==> flow/design.v <==
module dp_adder_blk #(
  parameter XLEN = 120,
  parameter CHUNK = 3
) (
  input wire clk,
  input wire [XLEN-1:0] u,
  input wire [XLEN-1:0] v,
  input wire cin,
  output reg [XLEN-1:0] s,
  output reg carry_out
);
  localparam GROUPS = XLEN / CHUNK;
  wire [XLEN-1:0] r;
  wire [GROUPS:0] carry;
  assign carry[0] = cin;
  genvar i;
  generate
    for (i = 0; i < GROUPS; i = i + 1) begin : blk
      wire [CHUNK:0] s0 = u[i*CHUNK +: CHUNK] + v[i*CHUNK +: CHUNK];
      wire [CHUNK:0] s1 = u[i*CHUNK +: CHUNK] + v[i*CHUNK +: CHUNK] + 1'b1;
      assign {carry[i+1], r[i*CHUNK +: CHUNK]} = carry[i] ? s1 : s0;
    end
  endgenerate
  always @(posedge clk) begin
    s <= r;
    carry_out <= carry[GROUPS];
  end
endmodule
---- Tool chain data of dp_adder_blk ----
Tool output for the design above, in the order of the flow.
Line numbers count from 1 in the design file above.
Cell names lack the library's common part.
The mark - stands for no value.
inputs
  top ..................................... dp_adder_blk
  clock port .............................. clk
  library ................................. sky130hd
  library corner .......................... tt_025C_1v80

---- Word level ----
Yosys after proc, flatten, opt, wreduce and memory -nomap, before mapping. Enables and synchronous resets that opt folds into registers are not counted as muxes. Memory bits, and registers merged into a memory's read port (data or address), are not among the register bits. Print and check cells are not counted. Equal cells are merged and count once.
bit counts
  bits of input ports ..................... 242
  register bits after elaboration ......... 121
cells by class
  $add $sub $neg .......................... 80
  multiplexer cells ....................... 40
operator list
  kind                                  count
  adder 3 x 3 -> 4 bit                  40
  adder 4 x 1 -> 4 bit with constant B  40
  two-way mux 4 bit                     40

---- Longest topological paths ----
Yosys ltp: most cells in a row. Word level: on the elaborated netlist, between registers, memories and ports. Mapped: between sequential cells and ports; inverters and the memories' decode and read muxes count.
depth
  depth after elaboration ................. 42
  ABC_AREA ................................ 0
  gate-level depth with buffers ........... 45
  mapped depth without buffers ............ 43

---- After synthesis ----
Yosys stat after the flow's synthesis: flattened, memories mapped to cells. It holds for the ABC_AREA given above (unset counts as 0); a run with the other value may have another netlist.
The area totals of this step are shown rounded.
cell types
  cell     count  total area (sq um)
  dfxtp_1  121    2.42E+03
  ha_1     160    2001.92
  fa_1     40     800.768
  xnor2_1  73     639.363
  xor2_1   70     613.088
  a21o_1   54     405.389
  nand3_1  69     345.331
  nand2_1  84     315.302
  mux2_2   27     304.042
  and3_1   32     200.192
  nor4_1   32     200.192
  a21oi_1  34     170.163
  nand4_1  25     156.4
  nor2_1   41     153.898
  mux2i_1  14     140.134
  inv_1    33     123.869
  a31oi_1  15     93.84
  o31ai_1  8      60.058
Other cell types: 34; their cells: 81.
synthesis totals
  sequential area ......................... 2422 sq um
  synthesis area .......................... 9786 sq um
  mapped flip-flops ....................... 121
  buffer cells ............................ 9
  cells in the netlist .................... 1013

---- Timing after synthesis ----
Source: OpenSTA report_checks on the synthesized netlist (no wires, ideal clock, input and output delay 20% of the period each), path of least setup slack; recovery checks are left aside. Register names are those of the netlist, which keeps one name where synthesis merged equal registers.
path after synthesis
  path type ............................... input port to flip-flop
  start point ............................. input u[0]
  end point ............................... register s[118]
  buffers on the path ..................... 1
  data arrival time ....................... 15.016 ns
  external input delay .................... 3.600 ns
  data required time ...................... 17.877 ns
  setup slack ............................. 2.861 ns
  driving pins on the path ................ 43
  period .................................. 18.0 ns
  delay of the path ....................... 11.539 ns
  period reached after synthesis .......... 15.139 ns
"delay of the path" is the arrival time less input delay plus setup time.
"driving pins on the path" counts driving pins, that of a launching flip-flop among them; a cell with two outputs on the path counts twice.
"period reached after synthesis" = period - worst setup slack (recovery checks aside). The figure is calculated, with input and output delays left at 20% of the set period.
Between the ends stands the longest chain of elaborated cells between them, by number of cells; it is not shown to be the way that was timed. Of several equally long chains one is given.
Each line given opens the expression or statement behind the cell; cells for indexed reads and writes are added by Yosys, which also makes memories of some case tables.
between the ends, after synthesis
  cell sequence ........................... ha_1 -> fa_1 -> nand3_1 -> nor2_4 -> xor2_2 -> o211ai_1 -> a41o_1 -> o21a_1 -> nor4_1 -> or4_1 -> a31oi_1 -> nor4_1 -> nor4_1 -> nor4_1 -> nand3_1 -> mux2i_1 -> nor4_4 -> mux2i_1 -> [... 7 more ...] -> nor4_4 -> mux2i_1 -> or4_4 -> o31a_1 -> nor4_1 -> nor4_1 -> nor4_1 -> and3_1 -> buf_4 -> mux2i_1 -> nor3_4 -> mux2i_1 -> nand4_1 -> or4_4 -> and4_4 -> nor3_2 -> xor2_1 -> mux2_1
  cells in the longest elaborated chain ... 42
  elaborated cells on any way between the ends .. 42
  those cells by class .................... 2 x add/sub; 40 x mux
ends and longest elaborated chain, after synthesis
  what                             RTL line  text
  from (decl)                      6         input wire [XLEN-1:0] u,
  adder 3 x 3 -> 4 bit             20        wire [CHUNK:0] s1 = u[i*CHUNK +: CHUNK] + v[i*CHUNK +: CHUNK] + 1'b1;
  adder 4 x 1 -> 4 bit             20
  two-way mux 4 bit (40 in a row)  21        assign {carry[i+1], r[i*CHUNK +: CHUNK]} = carry[i] ? s1 : s0;
  to (assign)                      25        s <= r;
  to (decl)                        9         output reg [XLEN-1:0] s,

---- Worst path after layout ----
Path of least setup slack in the final report of job 1 (OpenROAD, finished layout, wires in). Where an end is a register, its clock arrival counts in the times.
path after layout
  path type ............................... input port to flip-flop
  start point ............................. input u[0]
  end point ............................... register s[118]
  data arrival time ....................... 17.12 ns
  driving pins on the path ................ 43
  period .................................. 18.0 ns
  data required time ...................... 18.30 ns
  setup slack ............................. 1.18 ns
  buffers on the path ..................... 1
  external input delay .................... 3.60 ns
Between the ends stands the longest chain of elaborated cells between them, by number of cells; it is not shown to be the way that was timed. Of several equally long chains one is given.
between the ends, after layout
  cell sequence ........................... clkdlybuf4s50_1 -> ha_1 -> fa_1 -> nand3_1 -> nor2_4 -> xor2_2 -> o211ai_1 -> a41o_1 -> o21a_1 -> o31a_1 -> o31ai_1 -> a31oi_1 -> nor4_1 -> nor4_1 -> nor4_1 -> nand3_1 -> mux2i_1 -> nor4_4 -> [... 7 more ...] -> mux2i_1 -> nor4_4 -> mux2i_1 -> or4_4 -> nor4_1 -> o31a_1 -> nor4_1 -> nor4_1 -> and3_1 -> mux2i_1 -> nor3_4 -> mux2i_1 -> nand4_1 -> o31ai_1 -> a31oi_2 -> nor3_2 -> xor2_1 -> mux2_1
  cells in the longest elaborated chain ... 42
  elaborated cells on any way between the ends .. 42
  those cells by class .................... 2 x add/sub; 40 x mux
ends and longest elaborated chain, after layout
  what                             RTL line  text
  from (decl)                      6         input wire [XLEN-1:0] u,
  adder 3 x 3 -> 4 bit             20        wire [CHUNK:0] s1 = u[i*CHUNK +: CHUNK] + v[i*CHUNK +: CHUNK] + 1'b1;
  adder 4 x 1 -> 4 bit             20
  two-way mux 4 bit (40 in a row)  21        assign {carry[i+1], r[i*CHUNK +: CHUNK]} = carry[i] ? s1 : s0;
  to (assign)                      25        s <= r;
  to (decl)                        9         output reg [XLEN-1:0] s,

Wiki page: dp_adder_blk / flow data

Measured data: module dp_adder_blk, platform sky130hd, 2 stored runs of the flow under differing settings, order arbitrary. Input and output delays are each 20% of the period that was set; the output load is 0.01 pF.
By "critical setup path time" is meant the share of the clock period that the worst setup path is allowed (20% is reserved at inputs, 20% at outputs), minus its slack. Clock arrival times at its registers enter into it.
"total power of the final layout" is the tool's figure for a default switching activity; nothing was simulated.
The results are shown rounded.

======== job 1 ========
==> flow/run.sh <==
#!/bin/bash
# the make line also repeats the synthesis and layout settings of config.mk as NAME=value (left out here)
make -C /OpenROAD-flow-scripts/flow DESIGN_CONFIG=/design/flow/config.mk WORK_HOME=/design/flow/orfs CLKGATE_MAP_FILE= finish
==> flow/config.mk <==
export PLATFORM = sky130hd
export DESIGN_NAME = dp_adder_blk
export DESIGN_NICKNAME = dp_adder_blk
export VERILOG_FILES = /design/flow/design.v
export SDC_FILE = /design/flow/constraint.sdc
export NUM_CORES = 4
export LEC_CHECK = 0
export CAP_MARGIN = 20
export CORE_MARGIN = 2
export CORE_UTILIZATION = 40
export SLEW_MARGIN = 20
==> flow/constraint.sdc <==
create_clock -name core_clock -period 18.0 [get_ports {clk}]
set_input_delay 3.6000 -clock core_clock [delete_from_list [all_inputs] [get_ports {clk}]]
set_output_delay 3.6000 -clock core_clock [all_outputs]
set_load 0.01 [all_outputs]

-------- measured, job 1 --------
  synthesis area .......................... 9786 sq um
  die area ................................ 25730 sq um
  standard-cell area after layout ......... 14380 sq um
  utilization after routing ............... 59.5%
  setup slack of the worst path ........... 1.177 ns
  post-route setup TNS .................... 0.000 ns
  worst hold slack in the final report .... 3.858 ns
  total power of the final layout ......... 1.254 mW
  critical setup path time ................ 13.22 ns
  kind of the worst setup path ............ input port to flip-flop

======== job 2 ========
==> flow/run.sh <==
#!/bin/bash
# the make line also repeats the synthesis and layout settings of config.mk as NAME=value (left out here)
make -C /OpenROAD-flow-scripts/flow DESIGN_CONFIG=/design/flow/config.mk WORK_HOME=/design/flow/orfs CLKGATE_MAP_FILE= finish
==> flow/config.mk <==
export PLATFORM = sky130hd
export DESIGN_NAME = dp_adder_blk
export DESIGN_NICKNAME = dp_adder_blk
export VERILOG_FILES = /design/flow/design.v
export SDC_FILE = /design/flow/constraint.sdc
export NUM_CORES = 4
export LEC_CHECK = 0
export CAP_MARGIN = 20
export CORE_ASPECT_RATIO = 0.52
export CORE_MARGIN = 4
export CORE_UTILIZATION = 24
export PLACE_DENSITY_LB_ADDON = 0.2
export SETUP_SLACK_MARGIN = 0.07
export SLEW_MARGIN = 20
export TNS_END_PERCENT = 45
==> flow/constraint.sdc <==
create_clock -name core_clock -period 8.8 [get_ports {clk}]
set_input_delay 1.7600 -clock core_clock [delete_from_list [all_inputs] [get_ports {clk}]]
set_output_delay 1.7600 -clock core_clock [all_outputs]
set_load 0.01 [all_outputs]

-------- measured, job 2 --------
  synthesis area .......................... 9786 sq um
  die area ................................ 44240 sq um
  standard-cell area after layout ......... 16770 sq um
  utilization after routing ............... 41.6%
  setup slack of the worst path ........... -3.918 ns
  post-route setup TNS .................... -108.4 ns
  worst hold slack in the final report .... 1.762 ns
  total power of the final layout ......... 2.898 mW
  critical setup path time ................ 10.96 ns
  kind of the worst setup path ............ input port to flip-flop
